==> flow/design.v <==
module data_mux_stage #(
   parameter DATA_WIDTH = 24,
   parameter NIN = 20,
   parameter SBITS = $clog2(NIN)
) (
   input  clk_i,
   input  RST,
   input  [NIN*DATA_WIDTH-1:0] src,
   input  [SBITS-1:0] addr,
   output reg [DATA_WIDTH-1:0] dout
);
   reg [NIN*DATA_WIDTH-1:0] src_d1;
   reg [SBITS-1:0] addr_d1;
   wire [NIN*DATA_WIDTH-1:0] r;
   assign r = src_d1 >> (addr_d1 * DATA_WIDTH);
   always @(posedge clk_i or posedge RST) begin
      if (RST) begin
         src_d1 <= 0;
         addr_d1 <= 0;
         dout <= 0;
      end else begin
         src_d1 <= src;
         addr_d1 <= addr;
         dout <= r[DATA_WIDTH-1:0];
      end
   end
endmodule
**Reports on data_mux_stage**

Tool output for the design above, in the order of the flow.
Line numbers count from 1 in the design file above.
Operators carry their Yosys type and port widths (W data, S select, Z words).
Library cell names are shortened.
Not given: -

- Top: data_mux_stage
- Clock input: clk_i
- Standard-cell library: sky130hd
- Timing corner: tt_025C_1v80

**Elaborated design**

Yosys after proc, flatten, opt, wreduce and memory -nomap, before mapping. Enables and synchronous resets that opt folds into registers are not counted as muxes. Memory bits, and registers merged into a memory's read port (data or address), are not among the register bits. Print and check cells are not counted. Equal cells are merged and count once.

- Flip-flop bits (word level): 509
- Latch bits: 0
- Bits in writable memories: 0
- ROM bits: 0
- Word width x clocked read ports: 0
- Memories kept: 0
- Bits of input ports: 487
- Output and inout bits: 24
- Cells after elaboration: 5

- Add/sub/neg operators: 0
- Multiply operators: 1
- Div/mod/pow operators: 0
- $lt $le $gt $ge: 0
- Equality and inequality tests: 0
- Shift-type cells: 1
- Mux-type cells: 0
- Bitwise gates (word level): 0
- Reduce/logical cells: 0

Operators by type and width:

| operator | count |
|---|---|
| $shr A480 B10 Y24 | 1 |
| $mul A5 B2 Y7 const B | 1 |

**Logic depth**

Depth = most cells in a row (Yosys ltp): at word level without a register or memory, in the mapped netlist without a sequential cell, where the memories' decode and read muxes count.

- Depth in word-level cells: 2
- ABC_AREA: 0
- Gate-level depth with buffers: 8
- Gate-level depth less buffers: 4

**After synthesis**

Source: synth_stat.txt of the flow (Yosys; design flattened, memories mapped). It holds for the ABC_AREA given above (unset counts as 0); a run with the other value may have another netlist.
The area totals of this step are shown rounded.

- Standard cells after synthesis: 878
- Chip area (Yosys): 17000 sq um
- Sequential part of the area: 13000 sq um
- Flip-flop cells: 509
- Buffers: 49

Cells by type:

| type | count | area in all (sq um) |
|---|---|---|
| dfrtp_1 | 509 | 1.27E+04 |
| mux4_2 | 69 | 1553.99 |
| mux2i_1 | 120 | 1.2E+03 |
| a22oi_1 | 48 | 360.346 |
| buf_12 | 7 | 140.134 |
| o211ai_2 | 10 | 125.12 |
| buf_6 | 11 | 123.869 |
| nand3_1 | 24 | 120.115 |
| o211ai_1 | 14 | 105.101 |
| nand2_1 | 24 | 90.086 |
| buf_2 | 16 | 80.077 |
| mux4_1 | 3 | 78.826 |
| clkbuf_1 | 12 | 45.043 |
| nor2b_1 | 3 | 18.768 |
| buf_8 | 1 | 15.014 |
| nor3b_2 | 1 | 12.512 |
| buf_4 | 1 | 7.507 |
| and2_1 | 1 | 6.256 |

Not listed: further types 4, cells in them 4.

**Path before layout**

OpenSTA on the mapped netlist: ideal clock, no wires. The path of least setup slack (recovery checks aside). Input and output delay are each 20% of the period. Register names are those of the netlist, which keeps one name where synthesis merged equal registers.

- Path kind: register -> register
- From: register addr_d1[0]
- To: register dout[11]
- Period: 1.94 ns
- Library setup time: 0.139 ns
- Time at the first pin: 0.000 ns
- Arrival: 1.414 ns
- Data required time: 1.801 ns
- Setup slack: 0.387 ns
- Delay of the path: 1.553 ns
- Stages: 7
- Path buffers: 3
- Synthesis period reached: 1.553 ns

"delay of the path" is the arrival time less input delay plus setup time.
"stages": output pins that drive a net of the path, with the launching flip-flop's if there is one; two outputs of one cell count as two.
"synthesis period reached" is the clock period less the worst setup slack; recovery checks do not enter. This is arithmetic on one report: input and output delays are still those of the set period (20% each).
Between the ends stands the longest chain of elaborated cells between them, by number of cells; it is not shown to be the way that was timed. Of several equally long chains one is given.
A line is the first line of the expression or statement that the cell stems from. Yosys adds cells for indexed reads and writes and turns some case tables into memories.

- Cell sequence: dfrtp_1 buf_6 buf_12 buf_6 mux4_2 nand2_1 o211ai_2
- Length of the longest elaborated chain: 2
- Elaborated cells between the ends (all ways): 2
- Source lines of those cells: 1
- Classes of those cells: 1 x mul; 1 x shift

RTL lines, path after synthesis:

| what | line | text |
|---|---|---|
| start: declaration | 13 | `reg [SBITS-1:0] addr_d1;` |
| start: assignment | 19 | `addr_d1 <= 0;` |
| start: assignment | 23 | `addr_d1 <= addr;` |
| $mul A5 B2 Y7 | 15 | `assign r = src_d1 >> (addr_d1 * DATA_WIDTH);` |
| $shr A480 B10 Y24 | 15 |  |
| end: assignment | 20 | `dout <= 0;` |
| end: assignment | 24 | `dout <= r[DATA_WIDTH-1:0];` |
| end: declaration | 10 | `output reg [DATA_WIDTH-1:0] dout` |

**Worst path after layout**

From the final timing report of run 1: the path of least setup slack in the routed layout; clock arrival at registers is part of the times.

- Path kind: register -> register
- From: register addr_d1[0]
- To: register dout[12]
- Period: 1.43 ns
- Library setup time: 0.12 ns
- Time at the first pin: 0.57 ns
- Arrival: 2.37 ns
- Data required time: 1.88 ns
- Setup slack: -0.50 ns
- Stages: 8
- Path buffers: 4

Between the ends stands the longest chain of elaborated cells between them, by number of cells; it is not shown to be the way that was timed. Of several equally long chains one is given.

- Cell sequence: dfrtp_4 buf_12 buf_12 buf_12 mux4_2 mux2i_2 buf_4 o211ai_1
- Length of the longest elaborated chain: 2
- Elaborated cells between the ends (all ways): 2
- Source lines of those cells: 1
- Classes of those cells: 1 x mul; 1 x shift

RTL lines, path post-layout:

| what | line | text |
|---|---|---|
| start: declaration | 13 | `reg [SBITS-1:0] addr_d1;` |
| start: assignment | 19 | `addr_d1 <= 0;` |
| start: assignment | 23 | `addr_d1 <= addr;` |
| $mul A5 B2 Y7 | 15 | `assign r = src_d1 >> (addr_d1 * DATA_WIDTH);` |
| $shr A480 B10 Y24 | 15 |  |
| end: assignment | 20 | `dout <= 0;` |
| end: assignment | 24 | `dout <= r[DATA_WIDTH-1:0];` |
| end: declaration | 10 | `output reg [DATA_WIDTH-1:0] dout` |

Design data_mux_stage on sky130hd. What follows are 3 stored runs of the flow, each under its own settings; their order means nothing. The constraints put input and output delay at 20% of the set period each and load the outputs with 0.01 pF.
"achieved clock period" = clock period - worst setup slack. The figure is calculated, with input and output delays left at 20% of the set period.
"time used up by the worst setup path" means the part of the period allowed to the worst setup path (the constraints hold back 20% at inputs and 20% at outputs) less its slack; where the path has registers, the arrival times of their clocks count too.
"overall power" rests on the timing tool's default activity at the inputs, not on a simulated workload.
The measured numbers are rounded.

### Run 1

Settings: `period_ns=1.43`, `CORE_UTILIZATION=37`, `SETUP_SLACK_MARGIN=0.03`, `PLACE_DENSITY=0.93`, `CORE_ASPECT_RATIO=1.27`, `CORE_MARGIN=4`, `CELL_PAD_IN_SITES_GLOBAL_PLACEMENT=3`, `CELL_PAD_IN_SITES_DETAIL_PLACEMENT=1`, `GPL_ROUTABILITY_DRIVEN=0`, `CTS_CLUSTER_SIZE=46`, `CAP_MARGIN=20`, `MIN_ROUTING_LAYER=met1`, `SLEW_MARGIN=20`

- Time used up by the worst setup path: 1.93 ns
- Critical path type: register -> register
- Achieved clock period: 1.925 ns
- Die outline area: 49000 sq um
- Utilization after layout: 0.57
- Overall power: 32 mW
- Standard-cell area of the final layout: 26000 sq um
- Yosys chip area after synthesis: 17000 sq um
- Setup slack of the critical path: -0.50 ns
- Total negative slack on setup checks: -8.9 ns

### Run 2

Settings: `period_ns=1.5`, `CORE_UTILIZATION=59`, `SETUP_SLACK_MARGIN=-0.03`, `PLACE_DENSITY=0.94`, `CORE_MARGIN=2`, `CELL_PAD_IN_SITES_GLOBAL_PLACEMENT=3`, `TNS_END_PERCENT=75`, `CTS_CLUSTER_DIAMETER=365`, `SLEW_MARGIN=10`, `CAP_MARGIN=20`

Not finished: placement ended with error GPL-0301.

### Run 3

Settings: `period_ns=1.94`, `CAP_MARGIN=20`, `CORE_MARGIN=2`, `CORE_UTILIZATION=40`, `SLEW_MARGIN=20`

- Time used up by the worst setup path: 1.94 ns
- Critical path type: register -> register
- Achieved clock period: 1.938 ns
- Die outline area: 44000 sq um
- Utilization after layout: 0.6
- Overall power: 24 mW
- Standard-cell area of the final layout: 25000 sq um
- Yosys chip area after synthesis: 17000 sq um
- Setup slack of the critical path: 0.002 ns
- Total negative slack on setup checks: 0.000 ns
